==> flow/design.v <==
module dp_times_v2 (core_clk, RSTN, clk_en, dataa_i, datab_i, clear_i, res_o, vld_o);
  parameter integer XLEN = 4;
  input core_clk;
  input RSTN;
  input clk_en;
  input [XLEN-1:0] dataa_i;
  input [XLEN-1:0] datab_i;
  input clear_i;
  output [2*XLEN-1:0] res_o;
  output vld_o;
  localparam LOGN = $clog2(XLEN + 1);
  reg [XLEN-1:0] mcand;
  always @(posedge core_clk or negedge RSTN) begin
    if (~RSTN) begin
      mcand <= 0;
    end else if (clk_en) begin
      mcand <= clear_i ? dataa_i : mcand;
    end
  end
  reg [LOGN-1:0] steps;
  always @(posedge core_clk or negedge RSTN) begin
    if (~RSTN) begin
      steps <= 0;
    end else if (clk_en) begin
      steps <= clear_i ? XLEN : (steps != 0) ? steps - 1'b1 : steps;
    end
  end
  reg [2*XLEN-1:0] state;
  wire [XLEN:0] nxt;
  assign nxt = state[2*XLEN-1:XLEN] + (state[0] ? mcand : {XLEN{1'b0}});
  always @(posedge core_clk or negedge RSTN) begin
    if (~RSTN) begin
      state <= 0;
    end else if (clk_en) begin
      state <= clear_i ? {{XLEN{1'b0}}, datab_i} : (steps != 0) ? {nxt, state[XLEN-1:1]} : state;
    end
  end
  assign res_o = state;
  assign vld_o = (steps == 0);
endmodule
Step by step through the tools: dp_times_v2
Module dp_times_v2 in several versions that differ in "XLEN"; each step lists the members.
The RTL above is that of XLEN 4; lines are counted from 1 in the file of the member named.
Library cell names are shortened.
{ "design": {"design": "dp_times_v2", "clock_port": "core_clk", "cell_library": "sky130hd", "pvt_corner": "tt_025C_1v80"} }

Source of the members
Lines of each other member's file that are new or changed against the file above; lines that a member lacks are not shown.
{ "changed_lines": {"columns": ["XLEN", "line_no", "text"], "rows": [
  [6, 2, "parameter integer XLEN = 6;"],
  [7, 2, "parameter integer XLEN = 7;"],
  [24, 2, "parameter integer XLEN = 24;"],
  [28, 2, "parameter integer XLEN = 28;"],
  [64, 2, "parameter integer XLEN = 64;"]
]} }

Elaborated design
Source: Yosys, flattened and elaborated, memories not mapped. Widths are those after wreduce. Registers that Yosys merges into a memory's read port (data or address) are not register bits. Print and check cells do not count. Equal cells are merged and count once.
{ "op_classes": {"columns": ["XLEN", "reduce_and_logical", "n_addsub", "mux"], "rows": [
  [4, 5, 2, 5],
  [6, 5, 2, 5],
  [7, 5, 2, 5],
  [24, 5, 2, 5],
  [28, 5, 2, 5],
  [64, 5, 2, 5]
]} }
{ "ops": {"columns": ["XLEN", "operators"], "rows": [
  [4, "8-bit 2-to-1 mux (2); 3-bit 2-to-1 mux (2); 4-bit by 4-bit adder with 5-bit output (1); 2-bit AND reduction (2); 4-bit 2-to-1 mux (1); 3-bit by 1-bit subtractor with 3-bit output with constant B (1); 3-bit zero test (1); 3-bit nonzero test (1); 2-bit nonzero test (1)"],
  [6, "12-bit 2-to-1 mux (2); 6-bit by 6-bit adder with 7-bit output (1); 6-bit 2-to-1 mux (1); 3-bit 2-to-1 mux (2); 2-bit AND reduction (2); 3-bit by 1-bit subtractor with 3-bit output with constant B (1); 3-bit zero test (1); 3-bit nonzero test (1); 2-bit nonzero test (1)"],
  [7, "14-bit 2-to-1 mux (2); 7-bit by 7-bit adder with 8-bit output (1); 7-bit 2-to-1 mux (1); 3-bit 2-to-1 mux (2); 2-bit AND reduction (2); 3-bit by 1-bit subtractor with 3-bit output with constant B (1); 3-bit zero test (1); 3-bit nonzero test (1); 2-bit nonzero test (1)"],
  [24, "48-bit 2-to-1 mux (2); 24-bit by 24-bit adder with 25-bit output (1); 24-bit 2-to-1 mux (1); 5-bit 2-to-1 mux (2); 5-bit by 1-bit subtractor with 5-bit output with constant B (1); 5-bit zero test (1); 5-bit nonzero test (1); 2-bit AND reduction (2); 2-bit nonzero test (1)"],
  [28, "56-bit 2-to-1 mux (2); 28-bit by 28-bit adder with 29-bit output (1); 28-bit 2-to-1 mux (1); 5-bit 2-to-1 mux (2); 5-bit by 1-bit subtractor with 5-bit output with constant B (1); 5-bit zero test (1); 5-bit nonzero test (1); 2-bit AND reduction (2); 2-bit nonzero test (1)"],
  [64, "128-bit 2-to-1 mux (2); 64-bit by 64-bit adder with 65-bit output (1); 64-bit 2-to-1 mux (1); 7-bit 2-to-1 mux (2); 7-bit by 1-bit subtractor with 7-bit output with constant B (1); 7-bit zero test (1); 7-bit nonzero test (1); 2-bit AND reduction (2); 2-bit nonzero test (1)"]
]} }
{ "word_totals": {"columns": ["XLEN", "input_bits", "word_cells", "regBits"], "rows": [
  [4, 12, 15, 15],
  [6, 16, 15, 21],
  [7, 18, 15, 24],
  [24, 52, 15, 77],
  [28, 60, 15, 89],
  [64, 132, 15, 199]
]} }

Logic depth
Longest topological path by Yosys (ltp), each cell counted once; first at word level (registers and memories cut), then after technology mapping (sequential cells cut; the memories' decode and read muxes count).
{ "logic_depth": {"columns": ["XLEN", "depth_word", "ABC_AREA", "ltp_mapped", "ltp_nobuf"], "rows": [
  [4, 4, 0, 8, 8],
  [6, 4, 0, 8, 8],
  [7, 4, 0, 7, 7],
  [24, 4, 0, 11, 11],
  [28, 4, 0, 12, 11],
  [64, 4, 0, 15, 14]
]} }

Synthesis result
The flow's flattened synthesis, as Yosys stat reports it; memories are mapped. The netlist is that of the ABC_AREA named above (0 if unset); the other value can give another one.
Totals and module areas in this step are rounded.
{ "mapped": {"columns": ["XLEN", "seq_area_um2", "flip_flops", "cell_count", "yosys_area_um2", "buf_cells"], "rows": [
  [4, 380, 15, 83, 900, 3],
  [6, 530, 21, 111, 1200, 3],
  [7, 600, 24, 124, 1300, 3],
  [24, 1900, 77, 459, 4500, 24],
  [28, 2200, 89, 548, 5300, 28],
  [64, 5000, 199, 1413, 12000, 82]
]} }
{ "by_type": {"columns": ["XLEN", "cell_types"], "rows": [
  [4, "dfrtp_1 (15); ha_1 (6); mux2_2 (4); mux2i_1 (4); nand2_1 (10); inv_1 (8); o21ai_0 (5); fa_1 (1); and2_1 (3); nor2b_1 (3); a2bb2oi_1 (2); o41ai_2 (1); mux2_4 (1); o31ai_1 (2); clkbuf_8 (1); nand2b_4 (1); a31oi_1 (2); o22ai_1 (2); (+12)"],
  [6, "dfrtp_1 (21); ha_1 (8); mux2_2 (6); nand2_1 (18); mux2i_1 (6); o21ai_0 (10); and2_1 (5); xnor2_1 (3); o31ai_2 (2); inv_1 (6); nor2_1 (6); fa_1 (1); nand3b_4 (1); a211oi_1 (2); buf_2 (3); o21ai_1 (3); nand2b_4 (1); a21oi_1 (2); (+7)"],
  [7, "dfrtp_1 (24); ha_1 (9); mux2_2 (7); mux2i_1 (7); nand2_1 (14); o21ai_0 (10); a22o_1 (5); and2_1 (7); inv_1 (8); nand3_1 (6); xor2_1 (3); a22oi_1 (3); fa_1 (1); xnor2_1 (2); nor3_4 (1); a21oi_1 (3); o2111ai_2 (1); o21bai_1 (2); (+11)"],
  [24, "dfrtp_1 (77); ha_1 (26); mux2_2 (24); mux2i_1 (27); nand2_1 (66); o21ai_0 (37); and2_1 (24); xnor2_1 (12); a21oi_1 (18); o21ai_1 (18); xor2_1 (7); buf_2 (11); a21o_1 (7); clkbuf_1 (12); nor2_1 (11); nand3_1 (8); inv_1 (10); a31o_1 (3); (+61)"],
  [28, "dfrtp_1 (89); ha_1 (30); mux2_2 (28); o21ai_0 (60); nand2_1 (76); mux2i_1 (28); and2_1 (31); a21oi_1 (27); a21o_1 (13); clkbuf_1 (22); xor2_1 (9); xnor2_1 (8); inv_1 (16); nand3_1 (12); a32o_1 (5); o21a_1 (6); nor3_1 (8); a211oi_1 (5); (+75)"],
  [64, "dfrtp_1 (199); nand2_1 (382); ha_1 (66); o21ai_0 (162); mux2i_1 (66); and2_1 (72); a21oi_1 (74); xnor2_1 (31); xor2_1 (31); clkbuf_1 (63); a21o_1 (28); nor2_1 (38); nand4_1 (21); o21bai_1 (12); inv_1 (16); nor3_1 (12); nand3_1 (11); a31oi_1 (8); (+121)"]
]} }
A list marked (+n) leaves out that many cells.

Worst setup path after synthesis
OpenSTA on the mapped netlist: ideal clock, no wires. The path of least setup slack (recovery checks aside). Input and output delay are each 20% of the period. Register names are those of the netlist, which keeps one name where synthesis merged equal registers.
{ "synth_path": {"columns": ["XLEN", "kind", "start", "end", "path_stages", "delay_ns", "setup_slack_ns", "period_ns", "period_less_setup_slack_ns"], "rows": [
  [4, "reg-to-reg", "register state[0]", "register state[7]", 9, 1.715, 0.424, 2.14, 1.716],
  [6, "reg-to-reg", "register state[0]", "register state[11]", 9, 1.869, 0.470, 2.34, 1.87],
  [7, "reg-to-reg", "register state[0]", "register state[12]", 8, 1.957, 0.493, 2.45, 1.957],
  [24, "reg-to-reg", "register state[0]", "register state[40]", 12, 2.616, 0.654, 3.27, 2.616],
  [28, "reg-to-reg", "register state[0]", "register state[51]", 13, 2.881, 0.719, 3.6, 2.881],
  [64, "reg-to-reg", "register state[0]", "register state[127]", 16, 3.310, 0.830, 4.14, 3.31]
]} }
"delay_ns" = arrival - input delay + setup time.
"path_stages" counts driving pins, that of a launching flip-flop among them; a cell with two outputs on the path counts twice.
"period_less_setup_slack_ns" is the clock period less the worst setup slack; recovery checks do not enter. This is arithmetic on one report: input and output delays are still those of the set period (20% each).
The rows between start and end are the longest chain of elaborated cells between them; the timing report does not say that the signal goes this way. Where chains are equally long, one stands for them.
A line is the first line of the expression or statement that the cell stems from. Yosys adds cells for indexed reads and writes and turns some case tables into memories.
{ "synth_via_XLEN_4": {"elab_chain_len": 4} }
{ "synth_lines_XLEN_4": {"columns": ["item", "line_no", "text"], "rows": [
  ["from (decl)", 28, "reg [2*XLEN-1:0] state;"],
  ["from (assign)", 33, "state <= 0;"],
  ["from (assign)", 35, "state <= clear_i ? {{XLEN{1'b0}}, datab_i} : (steps != 0) ? {nxt, state[XLEN-1:1]} : state;"],
  ["4-bit 2-to-1 mux", 30, "assign nxt = state[2*XLEN-1:XLEN] + (state[0] ? mcand : {XLEN{1'b0}});"],
  ["4-bit by 4-bit adder with 5-bit output", 30, null],
  ["8-bit 2-to-1 mux x2", 35, null],
  ["to (assign)", 33, null],
  ["to (assign)", 35, null],
  ["to (decl)", 28, null]
]} }
{ "synth_via_XLEN_64": {"elab_chain_len": 4} }
{ "synth_lines_XLEN_64": {"columns": ["item", "line_no", "text"], "rows": [
  ["from (decl)", 28, "reg [2*XLEN-1:0] state;"],
  ["from (assign)", 33, "state <= 0;"],
  ["from (assign)", 35, "state <= clear_i ? {{XLEN{1'b0}}, datab_i} : (steps != 0) ? {nxt, state[XLEN-1:1]} : state;"],
  ["64-bit 2-to-1 mux", 30, "assign nxt = state[2*XLEN-1:XLEN] + (state[0] ? mcand : {XLEN{1'b0}});"],
  ["64-bit by 64-bit adder with 65-bit output", 30, null],
  ["128-bit 2-to-1 mux x2", 35, null],
  ["to (assign)", 33, null],
  ["to (assign)", 35, null],
  ["to (decl)", 28, null]
]} }

Timing after layout
From the final timing report of each member's run: the path of least setup slack in the routed layout; clock arrival at registers is part of the times.
{ "layout_path": {"columns": ["XLEN", "kind", "start", "end", "arrival_time_ns", "setup_slack_ns", "period_ns", "path_stages"], "rows": [
  [4, "reg-to-output", "register steps[0]", "output vld_o", 1.54, 0.17, 2.14, 6],
  [6, "reg-to-output", "register steps[0]", "output vld_o", 1.70, 0.17, 2.34, 6],
  [7, "reg-to-output", "register steps[0]", "output vld_o", 1.79, 0.17, 2.45, 6],
  [24, "reg-to-reg", "register state[0]", "register state[43]", 2.98, 0.50, 3.27, 11],
  [28, "reg-to-reg", "register state[0]", "register state[54]", 3.61, 0.24, 3.6, 10],
  [64, "reg-to-reg", "register state[0]", "register state[121]", 3.98, 0.47, 4.14, 14]
]} }

Flow runs
Settings and results of one run of the flow (Yosys, OpenROAD) for each member follow. The constraints put input and output delay at 20% of the set period each and load the outputs with 0.01 pF.
{ "flow_settings": {"CAP_MARGIN": 20, "CORE_MARGIN": 2, "CORE_UTILIZATION": 40, "SLEW_MARGIN": 20} }
{ "settings_by_member": {"columns": ["XLEN", "period_ns"], "rows": [
  [4, 2.14],
  [6, 2.34],
  [7, 2.45],
  [24, 3.27],
  [28, 3.6],
  [64, 4.14]
]} }
{ "measured": {"columns": ["XLEN", "timing.setup.tns_ns", "period_less_ws_ns", "synth_area_um2", "die_footprint_um2", "final_util_frac", "fin_ws_ns", "power_total_mw"], "rows": [
  [4, 0.000, 1.972, 900, 2600, 0.53, 0.17, 1.2],
  [6, 0.000, 2.167, 1200, 3300, 0.55, 0.17, 0.97],
  [7, 0.000, 2.278, 1300, 3800, 0.56, 0.17, 0.99],
  [24, 0.000, 2.774, 4500, 12000, 0.55, 0.50, 3.7],
  [28, 0.000, 3.357, 5300, 14000, 0.54, 0.24, 3.4],
  [64, 0.000, 3.668, 12000, 32000, 0.53, 0.47, 6.7]
]} }
"period_less_ws_ns" = clock period - worst setup slack. The figure is calculated, with input and output delays left at 20% of the set period.
"power_total_mw": no workload was simulated; the value follows from the tool's default switching activity.
Results are given in rounded form.
